==> flow/design.v <==
module ex_mult #(
  parameter integer BITS = 36,
  parameter integer SCALE = 11585,
  parameter integer RES_W = BITS + $clog2(SCALE + 1)
) (
  input  logic core_clk,
  input  logic [BITS-1:0] u,
  output logic [RES_W-1:0] res
);
  logic [BITS-1:0] u_s;
  always_ff @(posedge core_clk)
    u_s <= u;
  always_ff @(posedge core_clk)
    res <= u_s * SCALE;
endmodule
# Step by step through the tools: ex_mult
# What the tools print for ex_mult, step after step.
# Lines are those of the file above, counted from 1.
# Operators carry their Yosys type and port widths (W data, S select, Z words).
# Library cell names are shortened.
# A cell with -- has no value.
# design
design	ex_mult
clock	core_clk
library	sky130hd
lib_corner	tt_025C_1v80

# Word-level counts
# Source: Yosys, flattened and elaborated, memories not mapped. Widths are those after wreduce; folded enables and synchronous resets count as part of the registers. Registers that Yosys merges into a memory's read port (data or address) are not register bits. Print and check cells do not count. Equal cells are merged and count once.
# word_totals
elab_cells	3
input_bits	37
regBits	86
clocked_rd_ports_x_width	0
n_memories	0
latchBits	0
mem_bits_ro	0
mem_bits_rw	0
# classes
div_mod_pow	0
n_logic	0
mux	0
shift	0
reduce_and_logical	0
eq_ne	0
add_sub_neg	0
n_mul	1
cmp	0
# op_table
cell	n
$mul A36 B14 Y50 const B	1

# Logic depth
# Yosys ltp: most cells in a row. Word level: on the elaborated netlist, between registers, memories and ports. Mapped: between sequential cells and ports; inverters and the memories' decode and read muxes count.
# depth
word_depth	1
ABC_AREA	0
depth_mapped	20

# Mapped cells and area
# Yosys stat after the flow's synthesis: flattened, memories mapped to cells. It holds for the ABC_AREA given above (unset counts as 0); a run with the other value may have another netlist.
# The area totals of this step are shown rounded.
# mapped
synth_area_um2	9149
seq_area_um2	1722
buffers	7
cells	921
flip_flops	86
# types
cell	n	type_area_um2
fa_1	122	2.44E+03
ha_1	182	2.28E+03
dfxtp_1	86	1.72E+03
inv_1	258	968.429
xnor2_1	25	218.96
a21oi_1	43	215.206
xor2_1	17	148.893
nand2_1	31	116.362
o21ai_0	22	110.106
a21o_1	14	105.101
nor2_1	17	63.811
o21a_1	7	52.55
o21bai_1	7	52.55
nand3_1	9	45.043
and3_1	7	43.792
nand4_1	7	43.792
a31oi_1	6	37.536
a41oi_2	2	32.531
# Other cell types: 38; their cells: 59.

# Worst setup path after synthesis
# OpenSTA on the mapped netlist: ideal clock, no wires. The path of least setup slack (recovery checks aside). Input and output delay are each 20% of the period. Register names are those of the netlist, which keeps one name where synthesis merged equal registers.
# synth_path
path_type	register to register
from	register u_s[1]
to	register res[42]
path_buffers	0
setup_time_ns	0.123
arrival_time_ns	5.013
tclk_ns	6.42
path_slack_ns	1.284
path_delay_ns	5.136
required_time_ns	6.297
stages	20
period_less_setup_slack_ns	5.136
# "path_delay_ns" = arrival - input delay + setup time.
# "stages": output pins that drive a net of the path, with the launching flip-flop's if there is one; two outputs of one cell count as two.
# "period_less_setup_slack_ns" is the clock period less the worst setup slack; recovery checks do not enter. This is arithmetic on one report: input and output delays are still those of the set period (20% each).
# Between the ends stands the longest chain of elaborated cells between them, by number of cells; it is not shown to be the way that was timed. Of several equally long chains one is given.
# Each line given opens the expression or statement behind the cell; cells for indexed reads and writes are added by Yosys, which also makes memories of some case tables.
# synth_between
path_cell_list	dfxtp_1 > ha_1 > xor2_1 > ha_1 > or2_2 > fa_1 > fa_1 > ha_1 > inv_1 > fa_1 > inv_1 > ha_1 > a21oi_1 > and2b_1 > a31o_2 > or3_4 > a31o_2 > a21oi_2 > o21bai_1 > xor2_1
elab_chain_len	1
# synth_rtl
element	line_no	text
from (decl)	10	logic [BITS-1:0] u_s;
from (assign)	12	u_s <= u;
$mul A36 B14 Y50	14	res <= u_s * SCALE;
to (assign)	14
to (decl)	8	output logic [RES_W-1:0] res

# Worst path after layout
# From the final timing report of run A: the path of least setup slack in the routed layout; clock arrival at registers is part of the times.
# layout_path
path_type	register to register
from	register u_s[2]
to	register res[26]
path_buffers	1
required_time_ns	3.82
tclk_ns	3.58
stages	21
arrival_time_ns	5.25
setup_time_ns	0.12
path_slack_ns	-1.43
# Between the ends stands the longest chain of elaborated cells between them, by number of cells; it is not shown to be the way that was timed. Of several equally long chains one is given.
# layout_between
path_cell_list	dfxtp_4 > ha_4 > inv_2 > fa_1 > inv_2 > fa_1 > fa_1 > ha_1 > inv_1 > fa_1 > inv_2 > ha_4 > a21oi_2 > and2b_1 > a31o_2 > or3_4 > buf_6 > a21oi_4 > o21a_1 > o21ai_2 > xor2_2
elab_chain_len	1
# layout_rtl
element	line_no	text
from (decl)	10	logic [BITS-1:0] u_s;
from (assign)	12	u_s <= u;
$mul A36 B14 Y50	14	res <= u_s * SCALE;
to (assign)	14
to (decl)	8	output logic [RES_W-1:0] res

# Flow runs of ex_mult

3 stored runs of ex_mult in the flow (synthesis by Yosys, layout by OpenROAD, sky130hd cells), in arbitrary order. Constraints: input delay and output delay 20% of the set period each, output load 0.01 pF.
"achievedPeriod_ns": clock period set for the run, less the worst setup slack. It is reckoned from that one timing run; input and output delays stay at 20% of the period that was set.
"worst_setup_path_time_ns" is the time allowed to the run's worst setup path (the clock period less input and output delay, where it has them) less its slack. Clock arrival times count: a late capture clock shortens it, a late launch clock lengthens it.
Values from the reports are rounded here.

Run A, flow files:
==> flow/run.sh <==
#!/bin/bash
# the make line also repeats the synthesis and layout settings of config.mk as NAME=value (left out here)
make -C /OpenROAD-flow-scripts/flow DESIGN_CONFIG=/design/flow/config.mk WORK_HOME=/design/flow/orfs CLKGATE_MAP_FILE= finish
==> flow/config.mk <==
export PLATFORM = sky130hd
export DESIGN_NAME = ex_mult
export DESIGN_NICKNAME = ex_mult
export VERILOG_FILES = /design/flow/design.v
export SDC_FILE = /design/flow/constraint.sdc
export NUM_CORES = 4
export LEC_CHECK = 0
export ABC_AREA = 0
export CAP_MARGIN = 5
export CORE_ASPECT_RATIO = 1.14
export CORE_MARGIN = 2
export CORE_UTILIZATION = 32
export CTS_CLUSTER_DIAMETER = 238
export GPL_TIMING_DRIVEN = 1
export MIN_ROUTING_LAYER = met1
export PLACE_DENSITY_LB_ADDON = 0.06
export SLEW_MARGIN = 20
export TNS_END_PERCENT = 90
==> flow/constraint.sdc <==
create_clock -name core_clock -period 3.58 [get_ports {core_clk}]
set_input_delay 0.7160 -clock core_clock [delete_from_list [all_inputs] [get_ports {core_clk}]]
set_output_delay 0.7160 -clock core_clock [all_outputs]
set_load 0.01 [all_outputs]

==> results of run A, as CSV <==
result,value
ys_area_um2,9149
dieArea_um2,29960
stdcell_area_um2,13540
util_pct,47.8
ws_setup_ns,-1.429
setupTns_ns,-41.30
holdWs_ns,0.399
achievedPeriod_ns,5.009
worst_setup_path_time_ns,5.01
worst_path_kind,"register to register"

Run B, flow files:
==> flow/run.sh <==
#!/bin/bash
# the make line also repeats the synthesis and layout settings of config.mk as NAME=value (left out here)
make -C /OpenROAD-flow-scripts/flow DESIGN_CONFIG=/design/flow/config.mk WORK_HOME=/design/flow/orfs CLKGATE_MAP_FILE= finish
==> flow/config.mk <==
export PLATFORM = sky130hd
export DESIGN_NAME = ex_mult
export DESIGN_NICKNAME = ex_mult
export VERILOG_FILES = /design/flow/design.v
export SDC_FILE = /design/flow/constraint.sdc
export NUM_CORES = 4
export LEC_CHECK = 0
export CAP_MARGIN = 10
export CELL_PAD_IN_SITES_DETAIL_PLACEMENT = 0
export CORE_ASPECT_RATIO = 0.7
export CORE_MARGIN = 2
export CORE_UTILIZATION = 65
export CTS_CLUSTER_DIAMETER = 375
export GPL_ROUTABILITY_DRIVEN = 1
export HOLD_SLACK_MARGIN = 0.08
export PLACE_DENSITY_LB_ADDON = 0.12
export SLEW_MARGIN = 20
==> flow/constraint.sdc <==
create_clock -name core_clock -period 3.14 [get_ports {core_clk}]
set_input_delay 0.6280 -clock core_clock [delete_from_list [all_inputs] [get_ports {core_clk}]]
set_output_delay 0.6280 -clock core_clock [all_outputs]
set_load 0.01 [all_outputs]

Run B: incomplete, routing halted on DPL-0038

Run C, flow files:
==> flow/run.sh <==
#!/bin/bash
# the make line also repeats the synthesis and layout settings of config.mk as NAME=value (left out here)
make -C /OpenROAD-flow-scripts/flow DESIGN_CONFIG=/design/flow/config.mk WORK_HOME=/design/flow/orfs CLKGATE_MAP_FILE= finish
==> flow/config.mk <==
export PLATFORM = sky130hd
export DESIGN_NAME = ex_mult
export DESIGN_NICKNAME = ex_mult
export VERILOG_FILES = /design/flow/design.v
export SDC_FILE = /design/flow/constraint.sdc
export NUM_CORES = 4
export LEC_CHECK = 0
export CAP_MARGIN = 20
export CORE_MARGIN = 2
export CORE_UTILIZATION = 40
export SLEW_MARGIN = 20
==> flow/constraint.sdc <==
create_clock -name core_clock -period 6.42 [get_ports {core_clk}]
set_input_delay 1.2840 -clock core_clock [delete_from_list [all_inputs] [get_ports {core_clk}]]
set_output_delay 1.2840 -clock core_clock [all_outputs]
set_load 0.01 [all_outputs]

==> results of run C, as CSV <==
result,value
ys_area_um2,9149
dieArea_um2,24100
stdcell_area_um2,10610
util_pct,47.0
ws_setup_ns,0.857
setupTns_ns,0.000
holdWs_ns,0.382
achievedPeriod_ns,5.563
worst_setup_path_time_ns,5.56
worst_path_kind,"register to register"
